==> flow/design.v <==
module dp_aligner_p #(
    parameter WIDTH = 16,
    parameter LOGN = $clog2(WIDTH)
) (
    input  clk,
    input  rst_i,
    input  en,
    input  [WIDTH-1:0] ch,
    input  [LOGN-1:0] dist_in,
    input  [1:0] op,
    output [WIDTH-1:0] q
);
    reg [WIDTH-1:0] ch_reg;
    always @(posedge clk or posedge rst_i) begin
        if (rst_i) begin
            ch_reg <= 0;
        end else if (en) begin
            ch_reg <= ch;
        end
    end
    reg [LOGN-1:0] dist_in_reg;
    always @(posedge clk or posedge rst_i) begin
        if (rst_i) begin
            dist_in_reg <= 0;
        end else if (en) begin
            dist_in_reg <= dist_in;
        end
    end
    reg [1:0] op_reg;
    always @(posedge clk or posedge rst_i) begin
        if (rst_i) begin
            op_reg <= 0;
        end else if (en) begin
            op_reg <= op;
        end
    end
    reg [WIDTH-1:0] cur;
    always @* begin
        case (op_reg)
            2'b00: cur = ch_reg << dist_in_reg;
            2'b01: cur = ch_reg >> dist_in_reg;
            2'b10: cur = $signed(ch_reg) >>> dist_in_reg;
            default: cur = ch_reg;
        endcase
    end
    assign q = cur;
endmodule
Reports on dp_aligner_p
Module dp_aligner_p in several versions that differ in "WIDTH"; each step lists the members.
The RTL above is that of WIDTH=16; lines are counted from 1 in the file of the member named.
Operators: Yosys type, input widths -> output width; for muxes data width and select width s.
Cell names lack the library's common part.
Not given: n/a
- top module: dp_aligner_p
- clock: clk
- library: sky130hd
- timing corner: tt_025C_1v80

Source of the members
New or changed lines of each further member against the RTL above, in its own file; lines it lacks are not shown.
- new or changed lines (WIDTH ; RTL line ; RTL):
    56 ; 2 ; parameter WIDTH = 56,
    64 ; 2 ; parameter WIDTH = 64,

After elaboration
Yosys after proc, flatten, opt, wreduce and memory -nomap, before mapping. Enables and synchronous resets that opt folds into registers are not counted as muxes. Memory bits, and registers merged into a memory's read port (data or address), are not among the register bits. Print and check cells are not counted. Equal cells are merged and count once.
- bit counts (WIDTH ; register bits ; bits of input ports ; output and inout port bits ; word-level cells):
    16 ; 22 ; 25 ; 16 ; 10
    56 ; 64 ; 67 ; 56 ; 10
    64 ; 72 ; 75 ; 64 ; 10
- cells by class (WIDTH ; eq/ne operators ; shift-type cells ; muxes and demuxes ; reductions and logical operators):
    16 ; 2 ; 3 ; 1 ; 1
    56 ; 2 ; 3 ; 1 ; 1
    64 ; 2 ; 3 ; 1 ; 1
- operators with widths (WIDTH ; kinds with counts):
    16 ; $pmux 16 s3 (1); $shl 16x4->16 (1); $shr 16x4->16 (1); $sshr 16x4->16 (1); $eq 2x1->1 const B (1); $eq 2x2->1 const B (1); $logic_not 2->1 (1)
    56 ; $pmux 56 s3 (1); $shl 56x6->56 (1); $shr 56x6->56 (1); $sshr 56x6->56 (1); $eq 2x1->1 const B (1); $eq 2x2->1 const B (1); $logic_not 2->1 (1)
    64 ; $pmux 64 s3 (1); $shl 64x6->64 (1); $shr 64x6->64 (1); $sshr 64x6->64 (1); $eq 2x1->1 const B (1); $eq 2x2->1 const B (1); $logic_not 2->1 (1)

Depth
Longest topological path by Yosys (ltp), each cell counted once; first at word level (registers and memories cut), then after technology mapping (sequential cells cut; the memories' decode and read muxes count).
- logic depth (WIDTH ; word-level depth ; ABC_AREA ; mapped depth ; depth with buffers taken out):
    16 ; 2 ; 0 ; 8 ; 5
    56 ; 2 ; 0 ; 11 ; 6
    64 ; 2 ; 0 ; 12 ; 6

Synthesis result
Yosys stat after the flow's synthesis: flattened, memories mapped to cells. It holds for the ABC_AREA given above (unset counts as 0); a run with the other value may have another netlist.
- mapped netlist (WIDTH ; standard cells after synthesis ; synthesis area (sq um) ; sequential area (sq um) ; mapped flip-flops):
    16 ; 323 ; 2869.0 ; 550.5 ; 22
    56 ; 1251 ; 11109.4 ; 1601.5 ; 64
    64 ; 1377 ; 12699.7 ; 1801.7 ; 72
- cell types (WIDTH ; type and count):
    16 ; dfrtp_1 (22); mux2_2 (27); mux4_2 (12); mux2i_1 (22); mux4_1 (6); nor2_1 (28); o21ai_0 (20); nand2_1 (25); a21oi_1 (18); clkbuf_1 (18); buf_2 (12); o211ai_1 (8); o22ai_1 (8); nor3_1 (9); buf_12 (2); a211o_1 (4); nand2b_1 (5); a211oi_1 (4); (+73)
    56 ; mux4_2 (110); dfrtp_1 (64); mux2_2 (106); mux2i_1 (85); nor2_1 (147); nand2_1 (121); clkbuf_1 (104); a21oi_1 (59); o21ai_0 (52); o211ai_1 (27); buf_6 (15); a211oi_1 (22); o22ai_1 (24); o221ai_1 (14); a22oi_1 (15); a31oi_1 (17); buf_2 (21); nand3_1 (21); (+227)
    64 ; mux4_2 (134); dfrtp_1 (72); mux2_2 (133); mux2i_1 (126); nor2_1 (131); nand2_1 (122); clkbuf_1 (101); o21ai_0 (67); a21oi_1 (65); o211ai_1 (23); buf_2 (31); a211oi_1 (20); a31oi_1 (22); o221ai_1 (15); o22ai_1 (21); nand3_1 (25); o22a_1 (13); a221oi_1 (12); (+244)
A list marked (+n) leaves out that many cells.

Worst setup path after synthesis
OpenSTA on the mapped netlist: ideal clock, no wires. The path of least setup slack (recovery checks aside). Input and output delay are each 20% of the period. Register names are those of the netlist, which keeps one name where synthesis merged equal registers.
- path after synthesis (WIDTH ; kind ; start point ; end point ; clock period (ps) ; slack (ps) ; stages on the path ; delay of the path (ps) ; period reached after synthesis (ps)):
    16 ; register to output ; reg dist_in_reg[0] ; out q[8] ; 2620 ; 420 ; 8 ; 1676 ; 2200
    56 ; register to output ; reg dist_in_reg[1] ; out q[16] ; 3420 ; 547 ; 8 ; 2189 ; 2873
    64 ; register to output ; reg dist_in_reg[1] ; out q[56] ; 3600 ; 577 ; 10 ; 2303 ; 3023
"delay of the path" = arrival - input delay + setup time.
A path that ends at an output port has no setup time.
"stages on the path": output pins that drive a net of the path, with the launching flip-flop's if there is one; two outputs of one cell count as two.
"period reached after synthesis" is the clock period less the worst setup slack; recovery checks do not enter. This is arithmetic on one report: input and output delays are still those of the set period (20% each).
Between the ends stands the longest chain of elaborated cells between them, by number of cells; it is not shown to be the way that was timed. Of several equally long chains one is given.
A line is the first line of the expression or statement that the cell stems from. Yosys adds cells for indexed reads and writes and turns some case tables into memories.
Between the ends, after synthesis, WIDTH=16:
- cells in the longest elaborated chain at 2
- ends and longest elaborated chain, after synthesis, WIDTH=16 (item ; RTL line ; RTL):
    start, declared ; 21 ; reg [LOGN-1:0] dist_in_reg;
    start, assigned ; 24 ; dist_in_reg <= 0;
    start, assigned ; 26 ; dist_in_reg <= dist_in;
    $sshr 16x4->16 ; 42 ; 2'b10: cur = $signed(ch_reg) >>> dist_in_reg;
    $pmux 16 s3 ; 39 ; case (op_reg)
    end, declared ; 11 ; output [WIDTH-1:0] q
Between the ends, after synthesis, WIDTH=64:
- cells in the longest elaborated chain at 2
- ends and longest elaborated chain, after synthesis, WIDTH=64 (item ; RTL line ; RTL):
    start, declared ; 21 ; reg [LOGN-1:0] dist_in_reg;
    start, assigned ; 24 ; dist_in_reg <= 0;
    start, assigned ; 26 ; dist_in_reg <= dist_in;
    $sshr 64x6->64 ; 42 ; 2'b10: cur = $signed(ch_reg) >>> dist_in_reg;
    $pmux 64 s3 ; 39 ; case (op_reg)
    end, declared ; 11 ; output [WIDTH-1:0] q

Timing after layout
From the final timing report of each member's run: the path of least setup slack in the routed layout; clock arrival at registers is part of the times.
The report prints the path's times to 10 ps; the period is as set.
- path after layout (WIDTH ; kind ; start point ; end point ; clock period (ps) ; slack (ps) ; stages on the path ; data arrival time (ps)):
    16 ; register to output ; reg dist_in_reg[0] ; out q[14] ; 2620 ; -150 ; 10 ; 2240
    56 ; register to output ; reg dist_in_reg[1] ; out q[38] ; 3420 ; -370 ; 12 ; 3100
    64 ; register to output ; reg dist_in_reg[1] ; out q[27] ; 3600 ; -310 ; 11 ; 3190

Flow runs
One run of the flow (Yosys, OpenROAD) for each member, with settings and measured results. Input and output delays are each 20% of the period that was set; the output load is 0.01 pF.
- CAP_MARGIN: 20
- noted CORE_MARGIN: 2
- CORE_UTILIZATION at 40
- SLEW_MARGIN: 20
- settings by member (WIDTH ; period_ns):
    16 ; 2.62
    56 ; 3.42
    64 ; 3.6
- results (WIDTH ; synthesis area (sq um) ; full die area (sq um) ; standard-cell area after routing (sq um) ; utilization of the finished layout (%) ; setup slack of the critical path (ps) ; total negative slack on setup checks (ps) ; total power of the final layout (mW) ; clock period reached (ps)):
    16 ; 2869.0 ; 7865.9 ; 4440.5 ; 64.6 ; -146 ; -1283 ; 2.109 ; 2766
    56 ; 11109.4 ; 29123.1 ; 18501.5 ; 67.1 ; -367 ; -12394 ; 8.104 ; 3787
    64 ; 12699.7 ; 33191.4 ; 20801.2 ; 66.3 ; -312 ; -10083 ; 8.775 ; 3912
"clock period reached" = clock period - worst setup slack. The figure is calculated, with input and output delays left at 20% of the set period.
"total power of the final layout": no workload was simulated; the value follows from the tool's default switching activity.
